==> flow/design.v <==
module u_addsub (i_clk, RST, enable, x, y, d);
  parameter DW = 16;
  input i_clk;
  input RST;
  input enable;
  input [DW-1:0] x;
  input [DW-1:0] y;
  output [DW-1:0] d;
  reg [DW-1:0] x_r;
  reg [DW-1:0] y_r;
  wire [DW:0] r;
  assign r = x_r - y_r;
  assign d = r[DW] ? {DW{1'b0}} : r[DW-1:0];
  always @(posedge i_clk or posedge RST) begin
    if (RST) begin
      x_r <= 0;
      y_r <= 0;
    end else if (enable) begin
      x_r <= x;
      y_r <= y;
    end
  end
endmodule
# Tool chain data of u_addsub
# The steps from the RTL of u_addsub to its reports follow in flow order.
# Line numbers count from 1 in the design file above.
# Cell names lack the library's common part.
# A cell with - has no value.
[design]
top_module = "u_addsub"
clock = "i_clk"
library = "sky130hd"
pvt_corner = "tt_025C_1v80"

# After elaboration
# Counts by Yosys on the flattened word-level netlist (proc, flatten, opt, wreduce; memories kept). Register bits leave out memories and registers merged into their read ports (data or address); mux counts leave out enables and synchronous resets folded into registers. Print and check cells are left out. Cells with the same type and inputs are merged into one.
[bits]
reg_bits = 32
input_bits = 35
output_inout_bits = 16
[op_classes]
addsub = 1
mux = 1
[ops]
columns = ["operator", "n"]
rows = [
  ["16-bit by 16-bit subtractor with 17-bit output", 1],
  ["16-bit 2-to-1 mux", 1],
]

# Depth
# Yosys ltp: most cells in a row. Word level: on the elaborated netlist, between registers, memories and ports. Mapped: between sequential cells and ports; inverters and the memories' decode and read muxes count.
[depth]
depth_word = 2
ABC_AREA = 0
depth_mapped = 10
depth_no_buf = 9

# After synthesis
# Yosys stat after the flow's synthesis: flattened, memories mapped to cells. It holds for the ABC_AREA given above (unset counts as 0); a run with the other value may have another netlist.
[by_type]
columns = ["cell_type", "n"]
rows = [
  ["dfrtp_1", 32],
  ["ha_1", 17],
  ["mux2_2", 15],
  ["o21ai_0", 28],
  ["nand2_1", 22],
  ["inv_1", 21],
  ["nor2_1", 19],
  ["a21oi_1", 11],
  ["xnor2_1", 5],
  ["a21o_1", 5],
  ["o21a_1", 4],
  ["a311oi_4", 1],
  ["xor2_1", 3],
  ["a31oi_1", 4],
  ["nor4_2", 2],
  ["fa_1", 1],
  ["and3_1", 3],
  ["nand2b_1", 3],
]
# Other cell types: 27; their cells: 39.
[synth_totals]
cells = 235
synth_area_um2 = 2172.1
sequential_area_um2 = 800.8
ffs = 32

# Worst setup path after synthesis
# Source: OpenSTA report_checks on the synthesized netlist (no wires, ideal clock, input and output delay 20% of the period each), path of least setup slack; recovery checks are left aside. Register names are those of the netlist, which keeps one name where synthesis merged equal registers.
[synth_timing]
kind = "register to output"
startpoint = "register y_r[0]"
endpoint = "output port d[13]"
clock_period_ns = 3.28
out_delay_ns = 0.656
launch_ns = 0.000
arrival_ns = 2.100
t_required_ns = 2.624
path_slack_ns = 0.524
path_delay_ns = 2.100
path_stages = 9
synth_period_reached_ns = 2.756
# "path_delay_ns" is the arrival time less input delay plus setup time.
# At an output port there is no setup time.
# "path_stages" counts driving pins, that of a launching flip-flop among them; a cell with two outputs on the path counts twice.
# "synth_period_reached_ns" = period - worst setup slack (recovery checks aside). The figure is calculated, with input and output delays left at 20% of the set period.
# Between the ends stands the longest chain of elaborated cells between them, by number of cells; it is not shown to be the way that was timed. Of several equally long chains one is given.
# A line is the first line of the expression or statement that the cell stems from. Yosys adds cells for indexed reads and writes and turns some case tables into memories.
[synth_between]
path_cell_list = "dfrtp_1 > ha_1 > fa_1 > nand2b_1 > a21oi_1 > o21ai_1 > o21ai_2 > a311oi_4 > nor4_1"
elab_chain_len = 2
cone_cells = 2
cone_lines = 2
[synth_rtl]
columns = ["item", "line_no", "rtl"]
rows = [
  ["start, declared", 10, "reg [DW-1:0] y_r;"],
  ["start, assigned", 17, "y_r <= 0;"],
  ["start, assigned", 20, "y_r <= y;"],
  ["16-bit by 16-bit subtractor with 17-bit output", 12, "assign r = x_r - y_r;"],
  ["16-bit 2-to-1 mux", 13, "assign d = r[DW] ? {DW{1'b0}} : r[DW-1:0];"],
  ["end, declared", 8, "output [DW-1:0] d;"],
]

# Path in the finished layout
# From the final timing report of record 2: the path of least setup slack in the routed layout; clock arrival at registers is part of the times.
[layout_timing]
kind = "register to output"
startpoint = "register y_r[7]"
endpoint = "output port d[4]"
clock_period_ns = 3.28
out_delay_ns = 0.66
launch_ns = 0.28
arrival_ns = 2.50
t_required_ns = 2.62
path_slack_ns = 0.13
path_stages = 11
# Between the ends stands the longest chain of elaborated cells between them, by number of cells; it is not shown to be the way that was timed. Of several equally long chains one is given.
[layout_between]
path_cell_list = "dfrtp_1 > inv_2 > ha_4 > a211oi_4 > nor3_2 > nor4_2 > o21ai_2 > a311oi_4 > buf_12 > nor2_1 > dlygate4sd2_1"
elab_chain_len = 2
cone_cells = 2
cone_lines = 2
[layout_rtl]
columns = ["item", "line_no", "rtl"]
rows = [
  ["start, declared", 10, "reg [DW-1:0] y_r;"],
  ["start, assigned", 17, "y_r <= 0;"],
  ["start, assigned", 20, "y_r <= y;"],
  ["16-bit by 16-bit subtractor with 17-bit output", 12, "assign r = x_r - y_r;"],
  ["16-bit 2-to-1 mux", 13, "assign d = r[DW] ? {DW{1'b0}} : r[DW-1:0];"],
  ["end, declared", 8, "output [DW-1:0] d;"],
]

# Settings and measured results of 3 stored flow runs for module u_addsub (sky130hd), not sorted in any way. The constraints put input and output delay at 20% of the set period each and load the outputs with 0.01 pF.
# By "timing.achieved_period_ns" is meant the clock period of the run minus its worst setup slack. This is arithmetic on one report: input and output delays are still those of the set period (20% each).
# "worst_setup_path_time_ns" is the time allowed to the run's worst setup path (the clock period less input and output delay, where it has them) less its slack. Clock arrival times count: a late capture clock shortens it, a late launch clock lengthens it.

[[run]]
name = "record 1"
[run.settings]
period_ns = 1.82
CORE_UTILIZATION = 60
SETUP_SLACK_MARGIN = 0.1
PLACE_DENSITY = 0.55
CELL_PAD_IN_SITES_DETAIL_PLACEMENT = 2
ABC_AREA = 1
GPL_ROUTABILITY_DRIVEN = 0
CTS_CLUSTER_DIAMETER = 303
CAP_MARGIN = 20
CORE_MARGIN = 2
SLEW_MARGIN = 20
[run.results]
outcome = "did not finish, placement stopped with DPL-0033"

[[run]]
name = "record 2"
[run.settings]
period_ns = 3.28
CAP_MARGIN = 20
CORE_MARGIN = 2
CORE_UTILIZATION = 40
SLEW_MARGIN = 20
[run.results]
ys_area_um2 = 2172.1
total_die_area_um2 = 6035.7
layout_stdcell_area_um2 = 3075.4
timing.setup.ws_ns = 0.128
holdWs_ns = 0.518
timing.achieved_period_ns = 3.152
worst_setup_path_time_ns = 2.50
worstPathKind = "register to output"

[[run]]
name = "record 3"
[run.settings]
period_ns = 3.8
CORE_UTILIZATION = 22
SETUP_SLACK_MARGIN = 0.21
PLACE_DENSITY = 0.36
CORE_ASPECT_RATIO = 0.63
CELL_PAD_IN_SITES_GLOBAL_PLACEMENT = 3
CELL_PAD_IN_SITES_DETAIL_PLACEMENT = 0
ABC_AREA = 0
GPL_TIMING_DRIVEN = 0
CTS_CLUSTER_SIZE = 33
CTS_CLUSTER_DIAMETER = 176
SLEW_MARGIN = 25
MAX_ROUTING_LAYER = "met4"
CAP_MARGIN = 20
CORE_MARGIN = 2
[run.results]
ys_area_um2 = 2172.1
total_die_area_um2 = 10704.9
layout_stdcell_area_um2 = 3138.0
timing.setup.ws_ns = 0.337
holdWs_ns = 0.513
timing.achieved_period_ns = 3.463
worst_setup_path_time_ns = 2.70
worstPathKind = "register to output"
